==> flow/design.v <==
module cpu_add_unit_top #(
   parameter int DWIDTH = 96
) (
   input  logic i_clk,
   input  logic [DWIDTH-1:0] da_i,
   input  logic [DWIDTH-1:0] db_i,
   output logic [DWIDTH:0] out_o
);
   logic [DWIDTH-1:0] da_q;
   logic [DWIDTH-1:0] db_q;
   always_ff @(posedge i_clk) begin
      da_q <= da_i;
      db_q <= db_i;
   end
   localparam int HALF = DWIDTH / 2;
   logic [HALF:0] lo_q;
   logic [DWIDTH-HALF-1:0] da_hi_q;
   logic [DWIDTH-HALF-1:0] db_hi_q;
   always_ff @(posedge i_clk) begin
      lo_q <= da_q[HALF-1:0] + db_q[HALF-1:0];
      da_hi_q <= da_q[DWIDTH-1:HALF];
      db_hi_q <= db_q[DWIDTH-1:HALF];
   end
   logic [DWIDTH-HALF:0] h;
   assign h = da_hi_q + db_hi_q + lo_q[HALF];
   always_ff @(posedge i_clk)
      out_o <= {h, lo_q[HALF-1:0]};
endmodule
**Tool chain data of cpu_add_unit_top**

The steps from the RTL of cpu_add_unit_top to its reports follow in flow order.
Lines are those of the file above, counted from 1.
Library cell names are shortened.
A cell with n/a has no value.

- Top: cpu_add_unit_top
- Clock port: i_clk
- Library: sky130hd
- Timing corner: tt_025C_1v80

**Word level**

Counts by Yosys on the flattened word-level netlist (proc, flatten, opt, wreduce; memories kept). Register bits leave out memories and registers merged into their read ports (data or address); mux counts leave out enables and synchronous resets folded into registers. Print and check cells are left out. Cells with the same type and inputs are merged into one.

- Bits in registers: 434
- Output and inout bits: 97
- Bits of input ports: 193

- Add/subtract/negate cells: 3

Operator list:

| operator | count |
|---|---|
| 48-bit by 48-bit adder with 49-bit output | 2 |
| 49-bit by 1-bit adder with 49-bit output | 1 |

**Depth**

Yosys ltp: most cells in a row. Word level: on the elaborated netlist, between registers, memories and ports. Mapped: between sequential cells and ports; inverters and the memories' decode and read muxes count.

- Depth in word-level cells: 2
- ABC_AREA: 0
- Gate-level depth with buffers: 10
- Gate-level depth less buffers: 10

**Mapped cells and area**

The flow's flattened synthesis, as Yosys stat reports it; memories are mapped. The netlist is that of the ABC_AREA named above (0 if unset); the other value can give another one.
Totals and module areas in this step are rounded.

Cell types:

| cell type | count |
|---|---|
| dfxtp_1 | 434 |
| ha_1 | 95 |
| a21oi_1 | 96 |
| xnor2_1 | 53 |
| a21o_1 | 60 |
| xor2_1 | 33 |
| nand2_1 | 66 |
| o21ai_0 | 42 |
| nor2_1 | 47 |
| nand4_1 | 23 |
| nor3_1 | 20 |
| clkbuf_1 | 25 |
| o21bai_1 | 11 |
| a31oi_1 | 13 |
| nor2b_1 | 13 |
| a211oi_1 | 10 |
| inv_1 | 20 |
| nand3_1 | 14 |

Not listed: further types 63, cells in them 157.

- Standard cells after synthesis: 1232
- Buffer cells: 31
- Mapped flip-flops: 434
- Cell area after synthesis: 14360 µm²
- Sequential area: 8688 µm²

**Timing after synthesis**

Source: OpenSTA report_checks on the synthesized netlist (no wires, ideal clock, input and output delay 20% of the period each), path of least setup slack; recovery checks are left aside. Register names are those of the netlist, which keeps one name where synthesis merged equal registers.

- Path kind: reg2reg
- Start point: register lo_q[48]
- End point: register out_o[84]
- Arrival time: 2.951 ns
- Setup time: 0.116 ns
- Clock period: 3.83 ns
- Stages: 11
- Delay of the path: 3.067 ns
- Setup slack: 0.763 ns
- Launch time at the first pin: 0.000 ns
- Data required time: 3.714 ns
- Period reached after synthesis: 3.067 ns

"delay of the path" = arrival - input delay + setup time.
"stages" counts driving pins, that of a launching flip-flop among them; a cell with two outputs on the path counts twice.
"period reached after synthesis" = period - worst setup slack (recovery checks aside). The figure is calculated, with input and output delays left at 20% of the set period.
The rows between start and end are the longest chain of elaborated cells between them; the timing report does not say that the signal goes this way. Where chains are equally long, one stands for them.
A line is the first line of the expression or statement that the cell stems from. Yosys adds cells for indexed reads and writes and turns some case tables into memories.

- Cells stage by stage: dfxtp_1 > fa_1 > fa_1 > a21oi_2 > nor3b_1 > o31ai_2 > nand3_2 > a2111oi_4 > o21ai_2 > or4_1 > and4_1
- Cells in the longest elaborated chain: 1
- Elaborated cells on any way between the ends: 1
- RTL lines with such cells: 1

Ends and longest elaborated chain, post-synthesis:

| what | line | text |
|---|---|---|
| start, declared | 16 | `logic [HALF:0] lo_q;` |
| start, assigned | 20 | `lo_q <= da_q[HALF-1:0] + db_q[HALF-1:0];` |
| 49-bit by 1-bit adder with 49-bit output | 25 | `assign h = da_hi_q + db_hi_q + lo_q[HALF];` |
| end, assigned | 27 | `out_o <= {h, lo_q[HALF-1:0]};` |
| end, declared | 7 | `output logic [DWIDTH:0] out_o` |

**Worst path after layout**

Path of least setup slack in the final report of entry A (OpenROAD, finished layout, wires in). Where an end is a register, its clock arrival counts in the times.

- Path kind: reg2reg
- Start point: register lo_q[48]
- End point: register out_o[84]
- Launch time at the first pin: 0.53 ns
- Stages: 11
- Arrival time: 4.16 ns
- Clock period: 3.92 ns
- Setup time: 0.10 ns
- Setup slack: 0.20 ns
- Data required time: 4.36 ns

The rows between start and end are the longest chain of elaborated cells between them; the timing report does not say that the signal goes this way. Where chains are equally long, one stands for them.

- Cells stage by stage: dfxtp_1 > fa_1 > fa_1 > a21oi_2 > nor3b_1 > o31ai_2 > nand3_2 > a2111oi_4 > o21ai_2 > or4_1 > and4_1
- Cells in the longest elaborated chain: 1
- Elaborated cells on any way between the ends: 1
- RTL lines with such cells: 1

Ends and longest elaborated chain, after layout:

| what | line | text |
|---|---|---|
| start, declared | 16 | `logic [HALF:0] lo_q;` |
| start, assigned | 20 | `lo_q <= da_q[HALF-1:0] + db_q[HALF-1:0];` |
| 49-bit by 1-bit adder with 49-bit output | 25 | `assign h = da_hi_q + db_hi_q + lo_q[HALF];` |
| end, assigned | 27 | `out_o <= {h, lo_q[HALF-1:0]};` |
| end, declared | 7 | `output logic [DWIDTH:0] out_o` |

cpu_add_unit_top through Yosys and OpenROAD on sky130hd: 3 stored runs, unordered, with their settings and measured results. The constraints put input and output delay at 20% of the set period each and load the outputs with 0.01 pF.
"achieved clock period" = clock period - worst setup slack. The figure is calculated, with input and output delays left at 20% of the set period.
"critical setup path time": the worst setup path's part of the clock period (all of it between registers, 20% less for each end at a port) less its slack. A launch clock that arrives late makes it longer, a capture clock that arrives late makes it shorter.
"total design power": no workload was simulated; the value follows from the tool's default switching activity.
Measured values are rounded.

### Entry A

Settings: `period_ns=3.92`, `CORE_UTILIZATION=32`, `PLACE_DENSITY_LB_ADDON=0.1`, `HOLD_SLACK_MARGIN=-0.06`, `CORE_ASPECT_RATIO=0.54`, `CORE_MARGIN=5`, `CELL_PAD_IN_SITES_GLOBAL_PLACEMENT=3`, `CELL_PAD_IN_SITES_DETAIL_PLACEMENT=0`, `TNS_END_PERCENT=45`, `ABC_AREA=0`, `CTS_CLUSTER_SIZE=20`, `MAX_ROUTING_LAYER=met5`, `CAP_MARGIN=20`, `SLEW_MARGIN=20`

- Setup TNS: 0.000 ns
- Critical setup path time: 3.72 ns
- Critical path kind: reg2reg
- Post-synthesis cell area: 14360 µm²
- Setup slack of the worst path: 0.196 ns
- Area inside the die boundary: 49420 µm²
- Utilization: 43.3%
- Total design power: 11.10 mW
- Achieved clock period: 3.724 ns

### Entry B

Settings: `period_ns=3.52`, `CORE_UTILIZATION=19`, `SETUP_SLACK_MARGIN=-0.19`, `HOLD_SLACK_MARGIN=0.29`, `CORE_MARGIN=8`, `GPL_TIMING_DRIVEN=0`, `CTS_CLUSTER_SIZE=75`, `CTS_CLUSTER_DIAMETER=192`, `MIN_ROUTING_LAYER=met1`, `CAP_MARGIN=20`, `SLEW_MARGIN=20`

- Setup TNS: -0.140 ns
- Critical setup path time: 3.60 ns
- Critical path kind: reg2reg
- Post-synthesis cell area: 14360 µm²
- Setup slack of the worst path: -0.075 ns
- Area inside the die boundary: 84650 µm²
- Utilization: 25.0%
- Total design power: 9.883 mW
- Achieved clock period: 3.595 ns

### Entry C

Settings: `period_ns=3.83`, `CAP_MARGIN=20`, `CORE_MARGIN=2`, `CORE_UTILIZATION=40`, `SLEW_MARGIN=20`

- Setup TNS: 0.000 ns
- Critical setup path time: 3.43 ns
- Critical path kind: reg2reg
- Post-synthesis cell area: 14360 µm²
- Setup slack of the worst path: 0.396 ns
- Area inside the die boundary: 37440 µm²
- Utilization: 54.7%
- Total design power: 11.90 mW
- Achieved clock period: 3.434 ns
